==> flow/design.v <==
module ex_scratch_p #(
  parameter NREGS = 24,
  parameter DWIDTH = 40,
  parameter ADDR_W = $clog2(NREGS),
  parameter GROUPS = DWIDTH / 8
) (
  input wire CLK,
  input wire [GROUPS-1:0] in_wstrb,
  input wire [ADDR_W-1:0] in_wa,
  input wire [DWIDTH-1:0] in_write_data,
  input wire [ADDR_W-1:0] in_raddr,
  output wire [DWIDTH-1:0] out_rd
);
  reg [GROUPS-1:0] r_wstrb;
  always @(posedge CLK)
    r_wstrb <= in_wstrb;
  reg [ADDR_W-1:0] r_wa;
  always @(posedge CLK)
    r_wa <= in_wa;
  reg [DWIDTH-1:0] r_write_data;
  always @(posedge CLK)
    r_write_data <= in_write_data;
  reg [DWIDTH-1:0] regs [NREGS-1:0];
  integer t;
  always @(posedge CLK) begin
    for (t = 0; t < GROUPS; t = t + 1)
      if (r_wstrb[t]) regs[r_wa][8*t +: 8] <= r_write_data[8*t +: 8];
  end
  reg [ADDR_W-1:0] r_raddr;
  always @(posedge CLK)
    r_raddr <= in_raddr;
  reg [DWIDTH-1:0] r_rd;
  always @(posedge CLK)
    r_rd <= regs[r_raddr];
  assign out_rd = r_rd;
endmodule
* Tool chain data of ex_scratch_p
The steps from the RTL of ex_scratch_p to its reports follow in flow order.
Lines are those of the file above, counted from 1.
Cell names lack the library's common part.
Not given: --
- Top :: ex_scratch_p
- Clock :: CLK
- Library :: sky130hd
- Corner :: tt_025C_1v80

* After elaboration
Source: Yosys, flattened and elaborated, memories not mapped. Widths are those after wreduce; folded enables and synchronous resets count as part of the registers. Registers that Yosys merges into a memory's read port (data or address) are not register bits. Print and check cells do not count. Equal cells are merged and count once.
Memory sizes are those after Yosys's memory passes, which may raise the word count (mostly to a power of two), join words into wider ones and drop unused or constant bits.
- Multiplexer cells :: 10
** Operator list (count)
- 40-bit two-way mux :: 5
- 1-bit two-way mux :: 5
- Bits in registers :: 55
- RAM bits :: 960
- Clocked read ports x word width :: 40
- Memories kept :: 1
- Bits of input ports :: 56
- Output and inout port bits :: 40
- Cells after elaboration :: 15
** Memories
- regs :: depth 24, width 40, read ports 1, wr ports 1, RTL line 23 : reg [DWIDTH-1:0] regs [NREGS-1:0];

* Logic depth
Yosys ltp: most cells in a row. Word level: on the elaborated netlist, between registers, memories and ports. Mapped: between sequential cells and ports; inverters and the memories' decode and read muxes count.
- Depth after elaboration :: 1
- ABC_AREA :: 0
- Depth in mapped cells :: 8
- Gate-level depth less buffers :: 4

* Synthesis result
Yosys stat after the flow's synthesis: flattened, memories mapped to cells. It holds for the ABC_AREA given above (unset counts as 0); a run with the other value may have another netlist.
Totals and module areas in this step are rounded.
- Cell count :: 2118
- Cell area after synthesis :: 0.04 mm^2
- Sequential area :: 0.031 mm^2
- Flip-flops :: 1055
- Buffer cells :: 116
** Cell types
- edfxtp_1 :: count 960, total area 2.88E+04 um^2
- mux2i_1 :: count 304, total area 3.04E+03 um^2
- dfxtp_1 :: count 95, total area 1.9E+03 um^2
- mux4_2 :: count 82, total area 1.85E+03 um^2
- a22oi_1 :: count 104, total area 780.749 um^2
- and2_1 :: count 120, total area 750.72 um^2
- nand2_1 :: count 122, total area 457.939 um^2
- mux2_2 :: count 40, total area 450.432 um^2
- nand3_1 :: count 72, total area 360.346 um^2
- nand4_1 :: count 40, total area 250.24 um^2
- clkbuf_1 :: count 63, total area 236.477 um^2
- buf_4 :: count 31, total area 232.723 um^2
- mux4_1 :: count 6, total area 157.651 um^2
- nor2_1 :: count 27, total area 101.347 um^2
- buf_12 :: count 5, total area 100.096 um^2
- a221oi_1 :: count 8, total area 70.067 um^2
- buf_2 :: count 12, total area 60.058 um^2
- o21ai_1 :: count 8, total area 40.038 um^2
Not listed: further types 10, cells in them 19.

* Worst setup path after synthesis
Source: OpenSTA report_checks on the synthesized netlist (no wires, ideal clock, input and output delay 20% of the period each), path of least setup slack; recovery checks are left aside. Register names are those of the netlist, which keeps one name where synthesis merged equal registers.
- Kind :: reg-to-reg
- Start :: reg r_raddr[0]
- End :: reg r_rd[13]
- Period :: 2140 ps
- Library setup time :: 122 ps
- Launch time at the first pin :: 0 ps
- Arrival :: 1591 ps
- Data required time :: 2018 ps
- Path slack :: 428 ps
- Path delay :: 1713 ps
- Driving pins on the path :: 7
- Buffers on the path :: 2
- Synthesis period reached :: 1712 ps
"path delay" is the arrival time less input delay plus setup time.
"driving pins on the path": output pins that drive a net of the path, with the launching flip-flop's if there is one; two outputs of one cell count as two.
"synthesis period reached" is the clock period less the worst setup slack; recovery checks do not enter. This is arithmetic on one report: input and output delays are still those of the set period (20% each).
- Cell sequence :: dfxtp_1 buf_6 buf_2 mux4_2 mux2_2 nand2_1 nand3_1
** RTL lines, path post-synthesis
- start, declared :: RTL line 29 : reg [ADDR_W-1:0] r_raddr;
- start, assigned :: RTL line 31 : r_raddr <= in_raddr;
- end, declared :: RTL line 32 : reg [DWIDTH-1:0] r_rd;
Chain of elaborated cells between the ends: none given.

* Timing after layout
Path of least setup slack in the final report of flow run 1 (OpenROAD, finished layout, wires in). Where an end is a register, its clock arrival counts in the times.
The report prints the path's times to 10 ps; the period is as set.
- Kind :: reg-to-output
- Start :: reg r_rd[24]
- End :: out out_rd[24]
- Period :: 2140 ps
- Output delay :: 430 ps
- Launch time at the first pin :: 650 ps
- Arrival :: 1640 ps
- Data required time :: 1710 ps
- Path slack :: 70 ps
- Driving pins on the path :: 2
- Buffers on the path :: 1
- Cell sequence :: dfxtp_1 clkdlybuf4s50_1
- Length of the longest elaborated chain :: 0
- Elaborated cells between the ends (all ways) :: 0
- RTL lines with such cells :: 0
** RTL lines, path after layout
- start, declared :: RTL line 32 : reg [DWIDTH-1:0] r_rd;
- end, declared :: RTL line 12 : output wire [DWIDTH-1:0] out_rd

Subject: flow runs of ex_scratch_p

Hi,

ex_scratch_p through Yosys and OpenROAD on sky130hd: 3 stored runs, unordered, with their settings and measured results. The constraints put input and output delay at 20% of the set period each and load the outputs with 0.01 pF.
"achieved clock period" = clock period - worst setup slack. The figure is calculated, with input and output delays left at 20% of the set period.
"allowed time less slack (worst setup path)" is the time allowed to the run's worst setup path (the clock period less input and output delay, where it has them) less its slack. Clock arrival times count: a late capture clock shortens it, a late launch clock lengthens it.
"overall power": no workload was simulated; the value follows from the tool's default switching activity.
"allowed time less slack (worst setup path)" is given in steps of 10 ps.
Results are given in rounded form.

** Flow run 1
- Settings :: period_ns=2.14; CAP_MARGIN=20; CORE_MARGIN=2; CORE_UTILIZATION=40; SLEW_MARGIN=20
- Post-synthesis cell area :: 0.04 mm^2
- Achieved clock period :: 2065 ps
- Overall power :: 44 mW
- Final setup TNS :: 0 ps
- Setup slack of the worst path :: 75 ps
- Allowed time less slack (worst setup path) :: 1640 ps
- Worst setup path type :: reg-to-output
- Std-cell area (final layout) :: 0.047 mm^2
- Utilization in the final report :: 48 %
- Lowest hold slack :: 200 ps
- Die area :: 0.1 mm^2

** Flow run 2
- Settings :: period_ns=2.06; CORE_UTILIZATION=58; SETUP_SLACK_MARGIN=0.14; PLACE_DENSITY=0.42; CTS_CLUSTER_SIZE=45; CTS_CLUSTER_DIAMETER=317; MAX_ROUTING_LAYER=met5; CAP_MARGIN=20; CORE_MARGIN=2; SLEW_MARGIN=20
- Post-synthesis cell area :: 0.04 mm^2
- Achieved clock period :: 1965 ps
- Overall power :: 35 mW
- Final setup TNS :: 0 ps
- Setup slack of the worst path :: 95 ps
- Allowed time less slack (worst setup path) :: 1970 ps
- Worst setup path type :: reg-to-reg
- Std-cell area (final layout) :: 0.044 mm^2
- Utilization in the final report :: 65 %
- Lowest hold slack :: 170 ps
- Die area :: 0.071 mm^2

** Flow run 3
- Settings :: period_ns=1.44; CORE_UTILIZATION=53; PLACE_DENSITY_LB_ADDON=0.14; CORE_ASPECT_RATIO=0.62; CELL_PAD_IN_SITES_DETAIL_PLACEMENT=0; CTS_CLUSTER_SIZE=78; SLEW_MARGIN=35; CAP_MARGIN=20; CORE_MARGIN=2
- Post-synthesis cell area :: 0.04 mm^2
- Achieved clock period :: 1844 ps
- Overall power :: 64 mW
- Final setup TNS :: -210000 ps
- Setup slack of the worst path :: -400 ps
- Allowed time less slack (worst setup path) :: 1840 ps
- Worst setup path type :: reg-to-reg
- Std-cell area (final layout) :: 0.048 mm^2
- Utilization in the final report :: 65 %
- Lowest hold slack :: 53 ps
- Die area :: 0.077 mm^2

Regards
